==> flow/design.v <==
module sync_reg_bank #(
   parameter D = 16,
   parameter W = 40,
   parameter RPORTS = 4,
   parameter ADDR_WIDTH = $clog2(D)
) (
   input logic clk_i,
   input logic write,
   input logic [ADDR_WIDTH-1:0] wa,
   input logic [W-1:0] wd,
   input logic [RPORTS*ADDR_WIDTH-1:0] rd_idx,
   output logic [RPORTS*W-1:0] read_data
);
   logic r_write;
   logic [ADDR_WIDTH-1:0] r_wa;
   logic [W-1:0] r_wd;
   always_ff @(posedge clk_i) begin
      r_write <= write;
      r_wa <= wa;
      r_wd <= wd;
   end
   logic [W-1:0] array [0:D-1];
   always_ff @(posedge clk_i) begin
      if (r_write)
         array[r_wa] <= r_wd;
   end
   logic [RPORTS*ADDR_WIDTH-1:0] r_rd_idx;
   always_ff @(posedge clk_i)
      r_rd_idx <= rd_idx;
   logic [RPORTS*W-1:0] tmp;
   generate
      for (genvar gj = 0; gj < RPORTS; gj++) begin : each
         assign tmp[gj*W +: W] = array[r_rd_idx[gj*ADDR_WIDTH +: ADDR_WIDTH]];
      end
   endgenerate
   always_ff @(posedge clk_i)
      read_data <= tmp;
endmodule
# Tool chain data of sync_reg_bank
# Tool output for the design above, in the order of the flow.
# Lines are those of the file above, counted from 1.
# A cell with n/a has no value.
[design] top_module="sync_reg_bank" clock="clk_i" lib="sky130hd" corner="tt_025C_1v80"

# Elaborated design
# Counts by Yosys on the flattened word-level netlist (proc, flatten, opt, wreduce; memories kept). Register bits leave out memories and registers merged into their read ports (data or address); mux counts leave out enables and synchronous resets folded into registers. Print and check cells are left out. Cells with the same type and inputs are merged into one.
# Memory sizes are those after Yosys's memory passes, which may raise the word count (mostly to a power of two), join words into wider ones and drop unused or constant bits.
[op_classes] n_mux=3
[op_table] operator="40-bit 2-to-1 mux" n=1
[op_table] operator="4-bit 2-to-1 mux" n=1
[op_table] operator="1-bit 2-to-1 mux" n=1
[bits] out_inout_bits=160 n_memories=1 ff_bits=61 ram_bits=640 clocked_rd_ports_x_width=160
[mem_list] name="array" size=16 width=40 read_ports=4 wr=1 line=22 text="logic [W-1:0] array [0:D-1];"

# Depth
# Longest topological path by Yosys (ltp), each cell counted once; first at word level (registers and memories cut), then after technology mapping (sequential cells cut; the memories' decode and read muxes count).
[logic_depth] depth_word=1 ABC_AREA=0 depth_mapped=6

# Mapped cells and area
# The flow's flattened synthesis, as Yosys stat reports it; memories are mapped. The netlist is that of the ABC_AREA named above (0 if unset); the other value can give another one.
# Totals and module areas in this step are rounded.
[synth_totals] mapped_cells=2232 yosys_area_um2=42000 flip_flops=861 sequential_area_um2=24000 n_buf=212
[types] cell_type="sky130_fd_sc_hd__edfxtp_1" n=640 area_total_um2=1.92E+04
[types] cell_type="sky130_fd_sc_hd__mux4_2" n=640 area_total_um2=1.44E+04
[types] cell_type="sky130_fd_sc_hd__dfxtp_1" n=221 area_total_um2=4.42E+03
[types] cell_type="sky130_fd_sc_hd__a22oi_1" n=320 area_total_um2=2.4E+03
[types] cell_type="sky130_fd_sc_hd__nand2_1" n=161 area_total_um2=604.33
[types] cell_type="sky130_fd_sc_hd__clkbuf_1" n=102 area_total_um2=382.867
[types] cell_type="sky130_fd_sc_hd__buf_2" n=50 area_total_um2=250.24
[types] cell_type="sky130_fd_sc_hd__buf_6" n=22 area_total_um2=247.738
[types] cell_type="sky130_fd_sc_hd__buf_4" n=22 area_total_um2=165.158
[types] cell_type="sky130_fd_sc_hd__buf_1" n=16 area_total_um2=60.058
[types] cell_type="sky130_fd_sc_hd__nor2_1" n=16 area_total_um2=60.058
[types] cell_type="sky130_fd_sc_hd__nor2b_1" n=8 area_total_um2=50.048
[types] cell_type="sky130_fd_sc_hd__and2_1" n=4 area_total_um2=25.024
[types] cell_type="sky130_fd_sc_hd__nor3_1" n=4 area_total_um2=20.019
[types] cell_type="sky130_fd_sc_hd__nand3b_1" n=2 area_total_um2=15.014
[types] cell_type="sky130_fd_sc_hd__nand2b_1" n=2 area_total_um2=12.512
[types] cell_type="sky130_fd_sc_hd__or3b_2" n=1 area_total_um2=8.758
[types] cell_type="sky130_fd_sc_hd__nand3_1" n=1 area_total_um2=5.005

# Timing after synthesis
# OpenSTA on the mapped netlist: ideal clock, no wires. The path of least setup slack (recovery checks aside). Input and output delay are each 20% of the period. Register names are those of the netlist, which keeps one name where synthesis merged equal registers.
[synth_path] kind="register -> register" start="register r_write" end="memory array[0][0]" path_stages=3 path_slack_ns=1.015 required_ns=4.593 path_delay_ns=4.065 n_path_buf=0 t_first_pin_ns=0.000 t_arrival_ns=3.578 clock_period_ns=5.08 synth_period_reached_ns=4.065
# "path_delay_ns" is the arrival time less input delay plus setup time.
# "path_stages" counts driving pins, that of a launching flip-flop among them; a cell with two outputs on the path counts twice.
# "synth_period_reached_ns" = period - worst setup slack (recovery checks aside). The figure is calculated, with input and output delays left at 20% of the set period.
# The rows between start and end are the longest chain of elaborated cells between them; the timing report does not say that the signal goes this way. Where chains are equally long, one stands for them.
# A line is the first line of the expression or statement that the cell stems from. Yosys adds cells for indexed reads and writes and turns some case tables into memories.
# The path ends at the enable pin of a flip-flop; only ways to that pin are counted.
[synth_between] path_cell_list="sky130_fd_sc_hd__dfxtp_1 > sky130_fd_sc_hd__or3b_2 > sky130_fd_sc_hd__nor3_1" elab_chain_len=1 cells_between=2 cone_lines=1 classes_between="mux (2)"
[synth_lines] item="from (decl)" line=14 text="logic r_write;"
[synth_lines] item="from (assign)" line=18 text="r_write <= write;"
[synth_lines] item="4-bit 2-to-1 mux" line=24 text="if (r_write)"
[synth_lines] item="to (decl)" line=22 text="logic [W-1:0] array [0:D-1];"

# Worst path after layout
# Path of least setup slack in the final report of run 1 (OpenROAD, finished layout, wires in). Where an end is a register, its clock arrival counts in the times.
[layout_path] kind="register -> output" start="register read_data[99]" end="output read_data[99]" path_slack_ns=1.42 t_first_pin_ns=0.66 out_delay_ns=0.79 t_arrival_ns=1.75 clock_period_ns=3.96 required_ns=3.17 n_path_buf=1 path_stages=2
[layout_between] path_cell_list="sky130_fd_sc_hd__dfxtp_1 > sky130_fd_sc_hd__clkdlybuf4s50_1" elab_chain_len=0 cells_between=0 cone_lines=0
[layout_lines] item="from (decl)" line=12 text="output logic [RPORTS*W-1:0] read_data"
[layout_lines] item="to (decl)" line=12

# Top module sync_reg_bank; platform sky130hd; tools Yosys and OpenROAD; 3 stored runs in no particular order. Input and output delays are each 20% of the period that was set; the output load is 0.01 pF.
# "clock_period_reached_ns": clock period set for the run, less the worst setup slack. It is reckoned from that one timing run; input and output delays stay at 20% of the period that was set.
# The measured numbers are rounded.
run="run 1" settings period_ns=3.96 CORE_UTILIZATION=51 CORE_ASPECT_RATIO=1.36 CELL_PAD_IN_SITES_GLOBAL_PLACEMENT=1 CAP_MARGIN=35 SLEW_MARGIN=5 CORE_MARGIN=2
run="run 1" results fin_tns_ns=0.000 synthArea_um2=42000 finish.utilization_pct=60 fin_ws_ns=1.4 die_um2=85000 clock_period_reached_ns=2.541
run="run 2" settings period_ns=4.77 CORE_UTILIZATION=32 CORE_ASPECT_RATIO=1.88 CELL_PAD_IN_SITES_GLOBAL_PLACEMENT=2 TNS_END_PERCENT=35 MIN_ROUTING_LAYER="met1" CAP_MARGIN=20 CORE_MARGIN=2 SLEW_MARGIN=20
run="run 2" results fin_tns_ns=0.000 synthArea_um2=42000 finish.utilization_pct=38 fin_ws_ns=1.9 die_um2=140000 clock_period_reached_ns=2.824
run="run 3" settings period_ns=5.08 CAP_MARGIN=20 CORE_MARGIN=2 CORE_UTILIZATION=40 SLEW_MARGIN=20
run="run 3" results fin_tns_ns=0.000 synthArea_um2=42000 finish.utilization_pct=47 fin_ws_ns=2.3 die_um2=110000 clock_period_reached_ns=2.740
